==> flow/design.v <==
module row #(parameter N = 4) (
    input wire [N-1:0] a,
    input wire sel,
    input wire [N-1:0] pin,
    output wire [N:0] pout
);
    assign pout = pin + (a & {N{sel}});
endmodule
module multiplier_rtl #(
    parameter NBITS = 22
) (
    input wire i_clk,
    input wire i_rst,
    input wire [NBITS-1:0] x,
    input wire [NBITS-1:0] y,
    output wire [2*NBITS-1:0] m
);
    wire [NBITS:0] nd [0:NBITS];
    wire [NBITS-1:0] low;
    assign nd[0] = 0;
    genvar k;
    generate
        for (k = 0; k < NBITS; k = k + 1) begin : slice
            row #(.N(NBITS)) u (.a(x), .sel(y[k]), .pin(nd[k][NBITS:1]), .pout(nd[k+1]));
            assign low[k] = nd[k+1][0];
        end
    endgenerate
    reg [2*NBITS-1:0] m_s;
    always @(posedge i_clk) begin
        if (i_rst) begin
            m_s <= 0;
        end else begin
            m_s <= {nd[NBITS][NBITS:1], low};
        end
    end
    assign m = m_s;
endmodule
# Tool chain data of multiplier_rtl

The steps from the RTL of multiplier_rtl to its reports follow in flow order.
Line numbers count from 1 in the design file above.
Library cell names are shortened.
Not given: n/a

Design top: multiplier_rtl
Clock input: i_clk
Cell library: sky130hd
Library corner: tt_025C_1v80

# Word-level counts

Yosys after proc, flatten, opt, wreduce and memory -nomap, before mapping. Enables and synchronous resets that opt folds into registers are not counted as muxes. Memory bits, and registers merged into a memory's read port (data or address), are not among the register bits. Print and check cells are not counted. Equal cells are merged and count once.

Flip-flop bits (word level): 44
Input bits: 46
Output and inout bits: 44
Elaborated cells: 44

Add/subtract/negate cells: 21
Bitwise operators: 22

Operators by type and width:

| cell                    | count |
| AND 22 bit              | 22 |
| adder 22 x 23 -> 23 bit | 20 |
| adder 21 x 23 -> 23 bit | 1 |

# Depth

Longest topological path by Yosys (ltp), each cell counted once; first at word level (registers and memories cut), then after technology mapping (sequential cells cut; the memories' decode and read muxes count).

Depth after elaboration: 22
ABC_AREA: 0
Gate-level depth with buffers: 133
Mapped depth without buffers: 132

# Synthesis result

The flow's flattened synthesis, as Yosys stat reports it; memories are mapped. The netlist is that of the ABC_AREA named above (0 if unset); the other value can give another one.
The area totals of this step are shown rounded.

Cell types:

| cell type | count |
| ha_1      | 461 |
| and2_1    | 476 |
| xnor2_1   | 288 |
| a21oi_1   | 312 |
| a21o_1    | 171 |
| nor2_1    | 266 |
| o21ai_0   | 187 |
| dfxtp_1   | 44 |
| xor2_1    | 79 |
| inv_1     | 179 |
| nand2_1   | 178 |
| o21a_1    | 67 |
| nor2b_1   | 68 |
| fa_1      | 21 |
| clkbuf_1  | 105 |
| o21bai_1  | 49 |
| nor3_1    | 63 |
| nand2b_1  | 45 |

Other cell types: 57; their cells: 413.

Cells in the netlist: 3472
Mapped area: 0.0248 sq mm
Sequential part of the area: 0.000881 sq mm
Flip-flop cells: 44

By module: a second synthesis without flattening, with its own total; a netlist apart from the flattened one above.

Cells (unflattened synthesis): 4031
Area (unflattened synthesis): 0.0279 sq mm

Rows give one instance, submodules left out.

By module:

| module         | times used | cells | area (sq mm) | sequential area (sq mm) |
| row (N=22)     | 22         | 179   | 0.00122      | 0 |
| multiplier_rtl | 1          | 93    | 0.00118      | 0.000881 |

# Path before layout

Path of least setup slack by OpenSTA after synthesis, without wires, with an ideal clock, recovery checks aside; 20% of the period is set as input and as output delay. Where synthesis merged equal registers, the netlist keeps one of their names.

Path kind: input to register
Start: input port x[0]
End: register m_s[42]
Period: 34.8 ns
Input delay: 6.960 ns
Setup time: 0.128 ns
Time at the first pin: 6.960 ns
Arrival time: 29.087 ns
Setup slack: 5.586 ns
Path delay: 22.255 ns
Stages: 119
Synthesis period reached: 29.214 ns

"path delay" is the arrival time less input delay plus setup time.
"stages": output pins that drive a net of the path, with the launching flip-flop's if there is one; two outputs of one cell count as two.
"synthesis period reached" is the clock period less the worst setup slack; recovery checks do not enter. This is arithmetic on one report: input and output delays are still those of the set period (20% each).
Between the ends stands the longest chain of elaborated cells between them, by number of cells; it is not shown to be the way that was timed. Of several equally long chains one is given.
A line is the first line of the expression or statement that the cell stems from. Yosys adds cells for indexed reads and writes and turns some case tables into memories.

Path through: clkbuf_1 and2_1 ha_1 inv_1 fa_1 inv_1 ha_1 inv_1 fa_1 nor2b_1 o21ai_1 a21oi_1 o21ai_1 a21oi_1 o21ai_0 a21boi_0 nor2_1 ha_1 [... 83 more ...] nor2_1 xnor2_1 ha_1 nor2b_1 o21ai_0 nand2b_1 a21oi_1 nand2_1 or3_1 a31oi_1 xnor2_1 ha_1 nand2_1 or3_1 o21ai_0 a21oi_1 xor2_1 nor2_1
Cells in the longest elaborated chain: 22
Elaborated cells on any way between the ends: 42
Source lines of those cells: 1
Those cells by class: 21 x add/sub; 21 x logic

Ends and longest elaborated chain, after synthesis:

| what                                  | RTL line | source |
| from (decl)                           | 14       | `input wire [NBITS-1:0] x,` |
| AND 22 bit                            | 7        | `assign pout = pin + (a & {N{sel}});` |
| adder 21 x 23 -> 23 bit               | 7        |  |
| adder 22 x 23 -> 23 bit (20 in a row) | 7        |  |
| to (assign)                           | 31       | `m_s <= 0;` |
| to (assign)                           | 33       | `m_s <= {nd[NBITS][NBITS:1], low};` |
| to (decl)                             | 28       | `reg [2*NBITS-1:0] m_s;` |

# Path in the finished layout

From the final timing report of flow run B: the path of least setup slack in the routed layout; clock arrival at registers is part of the times.

Path kind: input to register
Start: input port x[0]
End: register m_s[42]
Period: 31.2 ns
Input delay: 6.24 ns
Setup time: 0.14 ns
Time at the first pin: 6.24 ns
Arrival time: 28.95 ns
Setup slack: 2.42 ns
Stages: 114

Between the ends stands the longest chain of elaborated cells between them, by number of cells; it is not shown to be the way that was timed. Of several equally long chains one is given.

Path through: clkdlybuf4s50_1 and2_1 ha_2 inv_1 fa_2 nand2b_4 a21oi_4 a21oi_1 ha_1 a21oi_2 o21ai_2 o41a_1 xor2_1 ha_1 buf_4 xnor2_1 ha_1 o21a_1 [... 78 more ...] ha_1 and3_1 nand2_1 o21ai_4 xor2_2 ha_4 a21o_1 a21o_1 a21oi_1 o41ai_2 xor2_1 ha_1 inv_1 or3_1 o21ai_1 a21oi_1 xor2_1 nor2_1
Cells in the longest elaborated chain: 22
Elaborated cells on any way between the ends: 42
Source lines of those cells: 1
Those cells by class: 21 x add/sub; 21 x logic

Ends and longest elaborated chain, after layout:

| what                                  | RTL line | source |
| from (decl)                           | 14       | `input wire [NBITS-1:0] x,` |
| AND 22 bit                            | 7        | `assign pout = pin + (a & {N{sel}});` |
| adder 21 x 23 -> 23 bit               | 7        |  |
| adder 22 x 23 -> 23 bit (20 in a row) | 7        |  |
| to (assign)                           | 31       | `m_s <= 0;` |
| to (assign)                           | 33       | `m_s <= {nd[NBITS][NBITS:1], low};` |
| to (decl)                             | 28       | `reg [2*NBITS-1:0] m_s;` |

==> results <==
Module multiplier_rtl, platform sky130hd: 3 stored runs of the flow (Yosys, OpenROAD) with differing settings, in no particular order. Input and output delays are each 20% of the period that was set; the output load is 0.01 pF.
"period reached" is the run's clock period less its worst setup slack. It is reckoned from that one timing run; input and output delays stay at 20% of the period that was set.
By "time used up by the worst setup path" is meant the share of the clock period that the worst setup path is allowed (20% is reserved at inputs, 20% at outputs), minus its slack. Clock arrival times at its registers enter into it.
The measured numbers are rounded.
Settings: - = not set for that run.
Results: - = not shown.

| name                                                      | flow run A | flow run B        | flow run C        |
| period_ns                                                 | 22.2       | 31.2              | 34.8              |
| CORE_UTILIZATION                                          | 62         | 46                | 40                |
| PLACE_DENSITY_LB_ADDON                                    | 0.07       | 0.05              | -                 |
| CELL_PAD_IN_SITES_GLOBAL_PLACEMENT                        | 3          | -                 | -                 |
| TNS_END_PERCENT                                           | 85         | 80                | -                 |
| ABC_AREA                                                  | 0          | 0                 | -                 |
| GPL_ROUTABILITY_DRIVEN                                    | 1          | -                 | -                 |
| CTS_CLUSTER_DIAMETER                                      | 255        | -                 | -                 |
| SLEW_MARGIN                                               | 20         | 20                | 20                |
| MIN_ROUTING_LAYER                                         | met1       | -                 | -                 |
| CAP_MARGIN                                                | 20         | 20                | 20                |
| CORE_MARGIN                                               | 2          | 7                 | 2                 |
| SETUP_SLACK_MARGIN                                        | -          | 1.42              | -                 |
| CELL_PAD_IN_SITES_DETAIL_PLACEMENT                        | -          | 0                 | -                 |
| CTS_CLUSTER_SIZE                                          | -          | 35                | -                 |
| chip area in the Yosys report (sq mm)                     | -          | 0.0248            | 0.0248            |
| area of the standard cells in the finished layout (sq mm) | -          | 0.0285            | 0.0266            |
| post-route setup TNS (ns)                                 | -          | 0.000             | 0.000             |
| time used up by the worst setup path (ns)                 | -          | 22.54             | 25.55             |
| type of the worst setup path                              | -          | input to register | input to register |
| utilization after layout (%)                              | -          | 53.9              | 43.3              |
| period reached (ns)                                       | -          | 28.784            | 32.508            |
| worst-case hold slack (ns)                                | -          | 6.52              | 7.25              |
| setup slack of the worst path (ns)                        | -          | 2.42              | 2.29              |
| overall die area (sq mm)                                  | -          | 0.0605            | 0.0639            |

Flow run A: unfinished; error FLW-0024 in placement
